==> flow/design.v <==
module dp_mem #(
  parameter DEPTH = 40,
  parameter W = 6,
  parameter NUM_RD = 5,
  parameter ADDR_W = $clog2(DEPTH)
) (
  input  wire CLK,
  input  wire clk_en,
  input  wire wr_en,
  input  wire [ADDR_W-1:0] wsel,
  input  wire [W-1:0] din,
  input  wire [NUM_RD*ADDR_W-1:0] rsel,
  output reg [NUM_RD*W-1:0] rd_data
);
  reg [DEPTH*W-1:0] ram;
  genvar k;
  generate
    for (k = 0; k < DEPTH; k = k + 1) begin : each
      always @(posedge CLK)
        if (clk_en && wr_en && wsel == k) ram[k*W +: W] <= din;
    end
  endgenerate
  reg [NUM_RD*W-1:0] work;
  integer j;
  integer i;
  always @* begin
    work = 0;
    for (j = 0; j < NUM_RD; j = j + 1) begin
      for (i = 0; i < DEPTH; i = i + 1)
        work[j*W +: W] = work[j*W +: W] | (ram[i*W +: W] & {W{rsel[j*ADDR_W +: ADDR_W] == i}});
    end
  end
  always @(posedge CLK) begin
    if (clk_en) begin
      rd_data <= work;
    end
  end
endmodule
From RTL to reports: dp_mem --
What the tools print for dp_mem, step after step. Line numbers count from 1 in the design file above. A cell with - has no value.
Set-up: top dp_mem, clock input CLK, library sky130hd, library corner tt_025C_1v80

Elaborated design --
Yosys after proc, flatten, opt, wreduce and memory -nomap, before mapping. Enables and synchronous resets that opt folds into registers are not counted as muxes. Memory bits, and registers merged into a memory's read port (data or address), are not among the register bits. Print and check cells are not counted. Equal cells are merged and count once.
Word-level totals: bits in registers 270, latch bits 0, bits in writable memories 0, memory bits (read-only) 0, clocked read ports x word width 0, memory cells 0, bits of input ports 45, output and inout bits 30, cells after elaboration 717
Operators by class: add/subtract/negate cells 0, multiply operators 0, divide/modulo/power cells 0, order comparisons 0, equality and inequality tests 234, shifts and indexed selects 0, mux-type cells 0, bitwise logic cells 395, reductions and logical operators 47
Operators by type and width (count):
- 6-bit AND | 200
- 6-bit bitwise OR | 195
- 6-bit by 5-bit == test with 1-bit output with constant B | 96
- 6-bit by 4-bit == test with 1-bit output with constant B | 48
- 6-bit == test with constant B | 48
- 6-bit by 3-bit == test with 1-bit output with constant B | 24
- 6-bit by 2-bit == test with 1-bit output with constant B | 12
- 1-bit logical AND | 41
- 6-bit by 1-bit == test with 1-bit output with constant B | 6
- 6-bit zero test | 6

Logic depth --
Yosys ltp: most cells in a row. Word level: on the elaborated netlist, between registers, memories and ports. Mapped: between sequential cells and ports; inverters and the memories' decode and read muxes count.
Logic depth: depth in word-level cells 41, ABC_AREA 0, gate-level depth with buffers 9, gate-level depth less buffers 6

Mapped cells and area --
Source: synth_stat.txt of the flow (Yosys; design flattened, memories mapped). It holds for the ABC_AREA given above (unset counts as 0); a run with the other value may have another netlist. Totals and module areas in this step are rounded.
Cells by type:
- sky130_fd_sc_hd__edfxtp_1 | count 270, total area 8.11E+03 sq um
- sky130_fd_sc_hd__a22oi_1 | count 229, total area 1.72E+03 sq um
- sky130_fd_sc_hd__a32oi_1 | count 96, total area 840.806 sq um
- sky130_fd_sc_hd__nor2_1 | count 168, total area 630.605 sq um
- sky130_fd_sc_hd__mux2i_1 | count 59, total area 590.566 sq um
- sky130_fd_sc_hd__a22o_1 | count 57, total area 499.229 sq um
- sky130_fd_sc_hd__mux2_2 | count 44, total area 495.475 sq um
- sky130_fd_sc_hd__nand4_1 | count 71, total area 444.176 sq um
- sky130_fd_sc_hd__nand2_1 | count 117, total area 439.171 sq um
- sky130_fd_sc_hd__nand3_1 | count 85, total area 425.408 sq um
- sky130_fd_sc_hd__clkbuf_1 | count 78, total area 292.781 sq um
- sky130_fd_sc_hd__buf_2 | count 52, total area 260.25 sq um
- sky130_fd_sc_hd__nor3_1 | count 51, total area 255.245 sq um
- sky130_fd_sc_hd__o21ai_0 | count 51, total area 255.245 sq um
- sky130_fd_sc_hd__nor4_1 | count 37, total area 231.472 sq um
- sky130_fd_sc_hd__a21oi_1 | count 40, total area 200.192 sq um
- sky130_fd_sc_hd__a221oi_1 | count 21, total area 183.926 sq um
- sky130_fd_sc_hd__a31oi_1 | count 25, total area 156.4 sq um
Other cell types: 52; their cells: 291.
Synthesis totals: standard cells after synthesis 1842, synthesis area 18370 sq um, sequential area 8108 sq um, flip-flop cells 270, buffer cells 145

Path before layout --
Source: OpenSTA report_checks on the synthesized netlist (no wires, ideal clock, input and output delay 20% of the period each), path of least setup slack; recovery checks are left aside. Register names are those of the netlist, which keeps one name where synthesis merged equal registers.
Path post-synthesis: path kind input port to flip-flop, from in wsel[5], to reg ram[48], clock period 2.93 ns, external input delay 0.586 ns, setup time 0.377 ns, arrival time 2.087 ns, required time 2.553 ns, path slack 0.466 ns, delay of the path 1.878 ns, driving pins on the path 4, buffers on the path 1, synthesis period reached 2.464 ns
"delay of the path" is the arrival time less input delay plus setup time. "driving pins on the path" counts driving pins, that of a launching flip-flop among them; a cell with two outputs on the path counts twice. "synthesis period reached" = period - worst setup slack (recovery checks aside). The figure is calculated, with input and output delays left at 20% of the set period. The rows between start and end are the longest chain of elaborated cells between them; the timing report does not say that the signal goes this way. Where chains are equally long, one stands for them. Each line given opens the expression or statement behind the cell; cells for indexed reads and writes are added by Yosys, which also makes memories of some case tables.
Between the ends, post-synthesis: cells stage by stage sky130_fd_sc_hd__or3_1 sky130_fd_sc_hd__clkbuf_1 sky130_fd_sc_hd__or3b_2 sky130_fd_sc_hd__nor3_1, cells in the longest elaborated chain 2
Ends and longest elaborated chain, post-synthesis:
- start, declared | line 10 | input  wire [ADDR_W-1:0] wsel,
- 6-bit by 4-bit == test with 1-bit output | line 20 | if (clk_en && wr_en && wsel == k) ram[k*W +: W] <= din;
- 1-bit logical AND | line 20
- end, assigned | line 20
- end, declared | line 15 | reg [DEPTH*W-1:0] ram;

Path in the finished layout --
From the final timing report of flow run A: the path of least setup slack in the routed layout; clock arrival at registers is part of the times.
Path post-layout: path kind flip-flop to flip-flop, from reg ram[8], to reg rd_data[26], clock period 1.79 ns, setup time 0.28 ns, arrival time 2.55 ns, required time 2.08 ns, path slack -0.48 ns, driving pins on the path 9, buffers on the path 3
The rows between start and end are the longest chain of elaborated cells between them; the timing report does not say that the signal goes this way. Where chains are equally long, one stands for them.
Between the ends, post-layout: cells stage by stage sky130_fd_sc_hd__edfxtp_1 sky130_fd_sc_hd__buf_6 sky130_fd_sc_hd__buf_4 sky130_fd_sc_hd__buf_4 sky130_fd_sc_hd__and3_1 sky130_fd_sc_hd__a31oi_1 sky130_fd_sc_hd__nand4_1 sky130_fd_sc_hd__nor4_2 sky130_fd_sc_hd__nand2_1, cells in the longest elaborated chain 40
Ends and longest elaborated chain, post-layout:
- start, declared | line 15 | reg [DEPTH*W-1:0] ram;
- start, assigned | line 20 | if (clk_en && wr_en && wsel == k) ram[k*W +: W] <= din;
- 6-bit AND | line 30 | work[j*W +: W] = work[j*W +: W] | (ram[i*W +: W] & {W{rsel[j*ADDR_W +: ADDR_W] == i}});
- 6-bit bitwise OR x39 | line 30
- end, assigned | line 35 | rd_data <= work;
- end, declared | line 13 | output reg [NUM_RD*W-1:0] rd_data

Subject: flow runs of dp_mem

Hi,

Measured data: module dp_mem, platform sky130hd, 2 stored runs of the flow under differing settings, order arbitrary. Input and output delays are each 20% of the period that was set; the output load is 0.01 pF.
"period achieved": clock period set for the run, less the worst setup slack. It is reckoned from that one timing run; input and output delays stay at 20% of the period that was set.
"critical setup path time" means the part of the period allowed to the worst setup path (the constraints hold back 20% at inputs and 20% at outputs) less its slack; where the path has registers, the arrival times of their clocks count too.
"total design power": no workload was simulated; the value follows from the tool's default switching activity.
The measured numbers are rounded.

[flow run A] flow files
==> flow/run.sh <==
#!/bin/bash
# the make line also repeats the synthesis and layout settings of config.mk as NAME=value (left out here)
make -C /OpenROAD-flow-scripts/flow DESIGN_CONFIG=/design/flow/config.mk WORK_HOME=/design/flow/orfs CLKGATE_MAP_FILE= finish
==> flow/config.mk <==
export PLATFORM = sky130hd
export DESIGN_NAME = dp_mem
export DESIGN_NICKNAME = dp_mem
export VERILOG_FILES = /design/flow/design.v
export SDC_FILE = /design/flow/constraint.sdc
export NUM_CORES = 4
export LEC_CHECK = 0
export CAP_MARGIN = 20
export CORE_MARGIN = 8
export CORE_UTILIZATION = 23
export GPL_ROUTABILITY_DRIVEN = 1
export PLACE_DENSITY_LB_ADDON = 0.15
export SETUP_SLACK_MARGIN = -0.01
export SLEW_MARGIN = 20
==> flow/constraint.sdc <==
create_clock -name core_clock -period 1.79 [get_ports {CLK}]
set_input_delay 0.3580 -clock core_clock [delete_from_list [all_inputs] [get_ports {CLK}]]
set_output_delay 0.3580 -clock core_clock [all_outputs]
set_load 0.01 [all_outputs]

[flow run A] result: worst-case hold slack 0.214 ns; setup slack of the critical path -0.477 ns; period achieved 2.267 ns; die size 89170 sq um; post-synthesis cell area 18370 sq um; critical setup path time 2.27 ns; critical path kind flip-flop to flip-flop; sum of negative setup slack -8.422 ns; total design power 17.94 mW; standard-cell area of the final layout 33710 sq um

[flow run B] flow files
==> flow/run.sh <==
#!/bin/bash
# the make line also repeats the synthesis and layout settings of config.mk as NAME=value (left out here)
make -C /OpenROAD-flow-scripts/flow DESIGN_CONFIG=/design/flow/config.mk WORK_HOME=/design/flow/orfs CLKGATE_MAP_FILE= finish
==> flow/config.mk <==
export PLATFORM = sky130hd
export DESIGN_NAME = dp_mem
export DESIGN_NICKNAME = dp_mem
export VERILOG_FILES = /design/flow/design.v
export SDC_FILE = /design/flow/constraint.sdc
export NUM_CORES = 4
export LEC_CHECK = 0
export CAP_MARGIN = 20
export CORE_MARGIN = 2
export CORE_UTILIZATION = 20
export CTS_CLUSTER_SIZE = 57
export MAX_ROUTING_LAYER = met4
export PLACE_DENSITY_LB_ADDON = 0.21
export SLEW_MARGIN = 0
export TNS_END_PERCENT = 70
==> flow/constraint.sdc <==
create_clock -name core_clock -period 2.23 [get_ports {CLK}]
set_input_delay 0.4460 -clock core_clock [delete_from_list [all_inputs] [get_ports {CLK}]]
set_output_delay 0.4460 -clock core_clock [all_outputs]
set_load 0.01 [all_outputs]

[flow run B] result: worst-case hold slack 0.317 ns; setup slack of the critical path -0.134 ns; period achieved 2.364 ns; die size 94290 sq um; post-synthesis cell area 18370 sq um; critical setup path time 2.36 ns; critical path kind flip-flop to flip-flop; sum of negative setup slack -0.585 ns; total design power 14.48 mW; standard-cell area of the final layout 31370 sq um

Regards
